==> flow/design.v <==
module sync_compare #(
   parameter DWIDTH = 64
) (
   input wire i_clk,
   input wire valid,
   input wire [DWIDTH-1:0] dataa,
   input wire [DWIDTH-1:0] datab,
   input wire [DWIDTH-1:0] datac,
   output wire in_range
);
   reg r_in_range;
   always @(posedge i_clk) begin
      if (valid) begin
         r_in_range <= (dataa >= datab) && (dataa <= datac);
      end
   end
   assign in_range = r_in_range;
endmodule
* Reports on sync_compare
Tool output for the design above, in the order of the flow.
Lines are those of the file above, counted from 1.
The mark - stands for no value.
- Design top :: sync_compare
- Clock port :: i_clk
- Library :: sky130hd
- Corner :: tt_025C_1v80

* Word level
Yosys after proc, flatten, opt, wreduce and memory -nomap, before mapping. Enables and synchronous resets that opt folds into registers are not counted as muxes. Memory bits, and registers merged into a memory's read port (data or address), are not among the register bits. Print and check cells are not counted. Equal cells are merged and count once.
- Magnitude comparators :: 2
- Reductions and logical operators :: 1
** Operators with widths (count)
- greater-or-equal comparator 64 bit :: 1
- less-or-equal comparator 64 bit :: 1
- logical AND 1 bit :: 1
- Register bits after elaboration :: 1
- Output and inout bits :: 1

* Longest topological paths
Yosys ltp: most cells in a row. Word level: on the elaborated netlist, between registers, memories and ports. Mapped: between sequential cells and ports; inverters and the memories' decode and read muxes count.
- Word-level depth :: 2
- ABC_AREA :: 0
- Mapped depth :: 9

* Mapped cells and area
Yosys stat after the flow's synthesis: flattened, memories mapped to cells. It holds for the ABC_AREA given above (unset counts as 0); a run with the other value may have another netlist.
The area totals of this step are shown rounded.
** Cell types
- sky130_fd_sc_hd__ha_1 :: count 128, area in all 1.6E+03 um^2
- sky130_fd_sc_hd__inv_1 :: count 129, area in all 484.214 um^2
- sky130_fd_sc_hd__a21oi_1 :: count 41, area in all 205.197 um^2
- sky130_fd_sc_hd__nand4_1 :: count 20, area in all 125.12 um^2
- sky130_fd_sc_hd__a21o_1 :: count 15, area in all 112.608 um^2
- sky130_fd_sc_hd__nand2_1 :: count 26, area in all 97.594 um^2
- sky130_fd_sc_hd__nand3_1 :: count 14, area in all 70.067 um^2
- sky130_fd_sc_hd__o21ai_0 :: count 10, area in all 50.048 um^2
- sky130_fd_sc_hd__a211oi_1 :: count 6, area in all 45.043 um^2
- sky130_fd_sc_hd__nor2_1 :: count 12, area in all 45.043 um^2
- sky130_fd_sc_hd__nand4_2 :: count 3, area in all 37.536 um^2
- sky130_fd_sc_hd__and4_1 :: count 4, area in all 35.034 um^2
- sky130_fd_sc_hd__a221o_1 :: count 3, area in all 30.029 um^2
- sky130_fd_sc_hd__edfxtp_1 :: count 1, area in all 30.029 um^2
- sky130_fd_sc_hd__a2111o_1 :: count 2, area in all 22.522 um^2
- sky130_fd_sc_hd__o211ai_1 :: count 3, area in all 22.522 um^2
- sky130_fd_sc_hd__nor4_4 :: count 1, area in all 21.27 um^2
- sky130_fd_sc_hd__nor2b_1 :: count 3, area in all 18.768 um^2
Other cell types: 19; their cells: 27.
- Cell count :: 448
- Synthesis area :: 3300 um^2
- Sequential part of the area :: 30 um^2
- Flip-flop cells :: 1
- Buffer cells :: 0

* Path before layout
Source: OpenSTA report_checks on the synthesized netlist (no wires, ideal clock, input and output delay 20% of the period each), path of least setup slack; recovery checks are left aside. Register names are those of the netlist, which keeps one name where synthesis merged equal registers.
- Path kind :: input to register
- Start :: input port datab[17]
- End :: register r_in_range
- Clock period :: 2.85 ns
- Setup time :: 0.259 ns
- Launch time at the first pin :: 0.570 ns
- Arrival :: 2.133 ns
- Data required time :: 2.591 ns
- Setup slack :: 0.458 ns
- Path delay :: 1.822 ns
- Stages on the path :: 9
- Buffers on the path :: 0
- Period reached after synthesis :: 2.392 ns
"path delay" = arrival - input delay + setup time.
"stages on the path": output pins that drive a net of the path, with the launching flip-flop's if there is one; two outputs of one cell count as two.
"period reached after synthesis" = period - worst setup slack (recovery checks aside). The figure is calculated, with input and output delays left at 20% of the set period.
The rows between start and end are the longest chain of elaborated cells between them; the timing report does not say that the signal goes this way. Where chains are equally long, one stands for them.
Each line given opens the expression or statement behind the cell; cells for indexed reads and writes are added by Yosys, which also makes memories of some case tables.
- Cell sequence :: sky130_fd_sc_hd__inv_1 > sky130_fd_sc_hd__ha_1 > sky130_fd_sc_hd__a21oi_1 > sky130_fd_sc_hd__o21ai_1 > sky130_fd_sc_hd__a221o_1 > sky130_fd_sc_hd__a2111o_1 > sky130_fd_sc_hd__o21ai_1 > sky130_fd_sc_hd__a211oi_1 > sky130_fd_sc_hd__a2bb2oi_2
- Cells in the longest elaborated chain :: 2
- Elaborated cells between the ends (all ways) :: 2
- Source lines of those cells :: 1
** Ends and longest elaborated chain, post-synthesis
- from (decl) :: line 7 : input wire [DWIDTH-1:0] datab,
- greater-or-equal comparator 64 bit :: line 14 : r_in_range <= (dataa >= datab) && (dataa <= datac);
- logical AND 1 bit :: line 14
- to (assign) :: line 14
- to (decl) :: line 11 : reg r_in_range;

* Timing after layout
Path of least setup slack in the final report of run C (OpenROAD, finished layout, wires in). Where an end is a register, its clock arrival counts in the times.
- Path kind :: input to register
- Start :: input port dataa[8]
- End :: register r_in_range
- Clock period :: 2.85 ns
- Setup time :: 0.15 ns
- Launch time at the first pin :: 0.57 ns
- Arrival :: 2.63 ns
- Data required time :: 2.70 ns
- Setup slack :: 0.08 ns
- Stages on the path :: 7
- Buffers on the path :: 2
The rows between start and end are the longest chain of elaborated cells between them; the timing report does not say that the signal goes this way. Where chains are equally long, one stands for them.
- Cell sequence :: sky130_fd_sc_hd__clkdlybuf4s50_1 > sky130_fd_sc_hd__ha_4 > sky130_fd_sc_hd__nand4_1 > sky130_fd_sc_hd__or4_4 > sky130_fd_sc_hd__buf_6 > sky130_fd_sc_hd__or3_4 > sky130_fd_sc_hd__a2bb2oi_2
- Cells in the longest elaborated chain :: 2
- Elaborated cells between the ends (all ways) :: 3
- Source lines of those cells :: 1
** Ends and longest elaborated chain, after layout
- from (decl) :: line 6 : input wire [DWIDTH-1:0] dataa,
- greater-or-equal comparator 64 bit :: line 14 : r_in_range <= (dataa >= datab) && (dataa <= datac);
- logical AND 1 bit :: line 14
- to (assign) :: line 14
- to (decl) :: line 11 : reg r_in_range;

# Flow runs of sync_compare

Flow measurements of sync_compare on sky130hd: 3 stored runs with different settings, listed in no order. Input and output delays are each 20% of the period that was set; the output load is 0.01 pF.
"power consumption" is the tool's figure for a default switching activity; nothing was simulated.
Measured values are rounded.

** Run A
- Settings :: period_ns=1.94; CORE_UTILIZATION=55; SETUP_SLACK_MARGIN=0.16; PLACE_DENSITY=0.78; CORE_ASPECT_RATIO=1.57; CORE_MARGIN=7; CELL_PAD_IN_SITES_GLOBAL_PLACEMENT=2; TNS_END_PERCENT=75; CAP_MARGIN=20; SLEW_MARGIN=35; MIN_ROUTING_LAYER=met1
- Outcome :: not finished: placement ended with error GPL-0301

** Run B
- Settings :: period_ns=1.75; CORE_UTILIZATION=61; SETUP_SLACK_MARGIN=0.06; CAP_MARGIN=40; SLEW_MARGIN=15; MIN_ROUTING_LAYER=met1; MAX_ROUTING_LAYER=met4; CORE_MARGIN=2
- Outcome :: not finished: placement ended with error GPL-0301

** Run C
- Settings :: period_ns=2.85; CAP_MARGIN=20; CORE_MARGIN=2; CORE_UTILIZATION=40; SLEW_MARGIN=20
- Power consumption :: 0.84 mW
- Netlist area reported by Yosys :: 3,300 um^2
- Overall die area :: 8,900 um^2
- Worst setup slack after layout :: 0.077 ns
- Setup TNS :: 0.000 ns
- Utilization after routing :: 80 %
